==> flow/design.v <==
module muxn_top #(
   parameter integer DATA_WIDTH = 2,
   parameter integer N = 16,
   parameter integer SBITS = $clog2(N)
) (
   input  ck,
   input  resetn,
   input  [N*DATA_WIDTH-1:0] bus_in,
   input  [SBITS-1:0] s_in,
   output [DATA_WIDTH-1:0] dout_out
);
   reg [N*DATA_WIDTH-1:0] bus_s;
   reg [SBITS-1:0] s_s;
   always @(posedge ck) begin
      if (~resetn) begin
         bus_s <= 0;
         s_s <= 0;
      end else begin
         bus_s <= bus_in;
         s_s <= s_in;
      end
   end
   wire [N-1:0] oh = {{(N-1){1'b0}}, 1'b1} << s_s;
   reg [DATA_WIDTH-1:0] nxt;
   integer k;
   always @(*) begin
      nxt = 0;
      for (k = 0; k < N; k = k + 1)
         nxt = nxt | (bus_s[k*DATA_WIDTH +: DATA_WIDTH] & {DATA_WIDTH{oh[k]}});
   end
   assign dout_out = nxt;
endmodule
==> Tool chain data of muxn_top <==
Tool output for the design above, in the order of the flow.
Lines are those of the file above, counted from 1.
Operators: Yosys type, input widths -> output width; for muxes data width and select width s.
Cell names lack the library's common part.
{ "inputs": {"top": "muxn_top", "clock": "ck", "cell_library": "sky130hd", "corner": "tt_025C_1v80"} }

==> Elaborated design <==
Source: Yosys, flattened and elaborated, memories not mapped. Widths are those after wreduce; folded enables and synchronous resets count as part of the registers. Registers that Yosys merges into a memory's read port (data or address) are not register bits. Print and check cells do not count. Equal cells are merged and count once.
{ "word_totals": {"wordCells": 34, "register_bits": 36} }
{ "op_classes": {"shift": 1, "logic": 31} }
{ "op_table": {"columns": ["operator", "count"], "rows": [
  ["$and 2x2->2", 16],
  ["$or 2x2->2", 15],
  ["$shl 1x4->16 const A", 1]
]} }

==> Longest topological paths <==
Longest topological path by Yosys (ltp), each cell counted once; first at word level (registers and memories cut), then after technology mapping (sequential cells cut; the memories' decode and read muxes count).
{ "depth": {"word_depth": 17, "abc_area": 0, "mapped_depth": 5, "ltp_nobuf": 4} }

==> Mapped cells and area <==
The flow's flattened synthesis, as Yosys stat reports it; memories are mapped. The netlist is that of the ABC_AREA named above (0 if unset); the other value can give another one.
{ "by_type": {"columns": ["cell_type", "count"], "rows": [
  ["dfxtp_1", 36],
  ["and2_1", 36],
  ["a22oi_1", 6],
  ["a211o_1", 4],
  ["mux2_4", 2],
  ["nand3_1", 6],
  ["nand3b_1", 4],
  ["nand4_1", 4],
  ["mux2_2", 2],
  ["mux2i_1", 2],
  ["nor2b_1", 3],
  ["o221ai_1", 2],
  ["buf_4", 2],
  ["or3_1", 2],
  ["buf_6", 1],
  ["clkbuf_1", 3],
  ["o21ai_0", 2],
  ["nand2_1", 2]
]} }
Other cell types: 4; their cells: 4.
{ "mapped": {"n_buf": 7, "synth_area_um2": 1307.5, "ff_cells": 36, "stdcells": 123, "seqArea_um2": 720.7} }

==> Timing after synthesis <==
OpenSTA on the mapped netlist: ideal clock, no wires. The path of least setup slack (recovery checks aside). Input and output delay are each 20% of the period. Register names are those of the netlist, which keeps one name where synthesis merged equal registers.
{ "synth_timing": {"path_type": "flip-flop to output port", "startpoint": "register s_s[2]", "endpoint": "output dout_out[0]", "arrival_time_ns": 1.269, "stages": 6, "path_buffers": 1, "path_delay_ns": 1.269, "launch_ns": 0.000, "clock_period_ns": 1.98, "path_slack_ns": 0.315, "required_time_ns": 1.584, "out_delay_ns": 0.396, "period_less_setup_slack_ns": 1.665} }
"path_delay_ns" is the arrival time less input delay plus setup time.
At an output port there is no setup time.
"stages" counts driving pins, that of a launching flip-flop among them; a cell with two outputs on the path counts twice.
"period_less_setup_slack_ns" = period - worst setup slack (recovery checks aside). The figure is calculated, with input and output delays left at 20% of the set period.
Between the ends stands the longest chain of elaborated cells between them, by number of cells; it is not shown to be the way that was timed. Of several equally long chains one is given.
Each line given opens the expression or statement behind the cell; cells for indexed reads and writes are added by Yosys, which also makes memories of some case tables.
{ "synth_between": {"cell_sequence": "dfxtp_1 buf_6 mux2_4 nand4_1 nand4_1 a211o_1", "elab_chain_len": 17, "cells_between": 32} }
{ "synth_rtl": {"columns": ["item", "line", "source"], "rows": [
  ["start, declared", 13, "reg [SBITS-1:0] s_s;"],
  ["start, assigned", 17, "s_s <= 0;"],
  ["start, assigned", 20, "s_s <= s_in;"],
  ["$shl 1x4->16", 23, "wire [N-1:0] oh = {{(N-1){1'b0}}, 1'b1} << s_s;"],
  ["$and 2x2->2", 29, "nxt = nxt | (bus_s[k*DATA_WIDTH +: DATA_WIDTH] & {DATA_WIDTH{oh[k]}});"],
  ["$or 2x2->2 (15 in a row)", 29, null],
  ["end, declared", 10, "output [DATA_WIDTH-1:0] dout_out"]
]} }

==> Path in the finished layout <==
From the final timing report of record 1: the path of least setup slack in the routed layout; clock arrival at registers is part of the times.
{ "layout_timing": {"path_type": "flip-flop to output port", "startpoint": "register s_s[3]", "endpoint": "output dout_out[1]", "out_delay_ns": 0.40, "path_buffers": 1, "clock_period_ns": 1.98, "required_time_ns": 1.58, "stages": 6, "launch_ns": 0.33, "path_slack_ns": -0.11, "arrival_time_ns": 1.69} }
Between the ends stands the longest chain of elaborated cells between them, by number of cells; it is not shown to be the way that was timed. Of several equally long chains one is given.
{ "layout_between": {"cell_sequence": "dfxtp_2 mux2_2 a22oi_2 o21ai_1 a211o_1 buf_2", "elab_chain_len": 17, "cells_between": 32} }
{ "layout_rtl": {"columns": ["item", "line", "source"], "rows": [
  ["start, declared", 13, "reg [SBITS-1:0] s_s;"],
  ["start, assigned", 17, "s_s <= 0;"],
  ["start, assigned", 20, "s_s <= s_in;"],
  ["$shl 1x4->16", 23, "wire [N-1:0] oh = {{(N-1){1'b0}}, 1'b1} << s_s;"],
  ["$and 2x2->2", 29, "nxt = nxt | (bus_s[k*DATA_WIDTH +: DATA_WIDTH] & {DATA_WIDTH{oh[k]}});"],
  ["$or 2x2->2 (15 in a row)", 29, null],
  ["end, declared", 10, "output [DATA_WIDTH-1:0] dout_out"]
]} }

# Flow runs of muxn_top

Below are 3 stored runs of the flow (Yosys, OpenROAD; platform sky130hd) on muxn_top, each with its settings and what was measured, unordered. Constraints: input delay and output delay 20% of the set period each, output load 0.01 pF.
By "achieved clock period (ns)" is meant the clock period of the run minus its worst setup slack. This is arithmetic on one report: input and output delays are still those of the set period (20% each).
"worst setup path time (ns)" is the time allowed to the run's worst setup path (the clock period less input and output delay, where it has them) less its slack. Clock arrival times count: a late capture clock shortens it, a late launch clock lengthens it.
"finish__power__total": no workload was simulated; the value follows from the tool's default switching activity.

settings of record 1
{
  "period_ns": 1.98,
  "CAP_MARGIN": 20,
  "CORE_MARGIN": 2,
  "CORE_UTILIZATION": 40,
  "SLEW_MARGIN": 20
}
report of record 1
yosys chip area after synthesis (um^2): 1307.5
finish__design__die__area: 3742.4
finish__design__instance__area__stdcell: 1934.4
finish__design__instance__utilization: 0.6285
finish__timing__setup__ws: -0.106
finish__timing__setup__tns: -0.212
finish__timing__hold__ws: 0.620
finish__power__total: 1.453e-03
achieved clock period (ns): 2.086
worst setup path time (ns): 1.69
worst setup path kind: flip-flop to output port

settings of record 2
{
  "period_ns": 1.99,
  "CORE_UTILIZATION": 39,
  "CORE_MARGIN": 10,
  "TNS_END_PERCENT": 50,
  "GPL_TIMING_DRIVEN": 1,
  "MIN_ROUTING_LAYER": "met1",
  "MAX_ROUTING_LAYER": "met5",
  "CAP_MARGIN": 20,
  "SLEW_MARGIN": 20
}
report of record 2
yosys chip area after synthesis (um^2): 1307.5
finish__design__die__area: 6068.4
finish__design__instance__area__stdcell: 1940.6
finish__design__instance__utilization: 0.6204
finish__timing__setup__ws: -0.099
finish__timing__setup__tns: -0.187
finish__timing__hold__ws: 0.622
finish__power__total: 1.368e-03
achieved clock period (ns): 2.089
worst setup path time (ns): 1.69
worst setup path kind: flip-flop to output port

settings of record 3
{
  "period_ns": 1.62,
  "CORE_UTILIZATION": 46,
  "PLACE_DENSITY_LB_ADDON": 0.17,
  "CORE_ASPECT_RATIO": 1.77,
  "CORE_MARGIN": 10,
  "CELL_PAD_IN_SITES_GLOBAL_PLACEMENT": 1,
  "CELL_PAD_IN_SITES_DETAIL_PLACEMENT": 2,
  "GPL_TIMING_DRIVEN": 0,
  "GPL_ROUTABILITY_DRIVEN": 0,
  "CTS_CLUSTER_DIAMETER": 233,
  "SLEW_MARGIN": 5,
  "MAX_ROUTING_LAYER": "met4",
  "CAP_MARGIN": 20
}
report of record 3: did not finish, place, DPL-0033
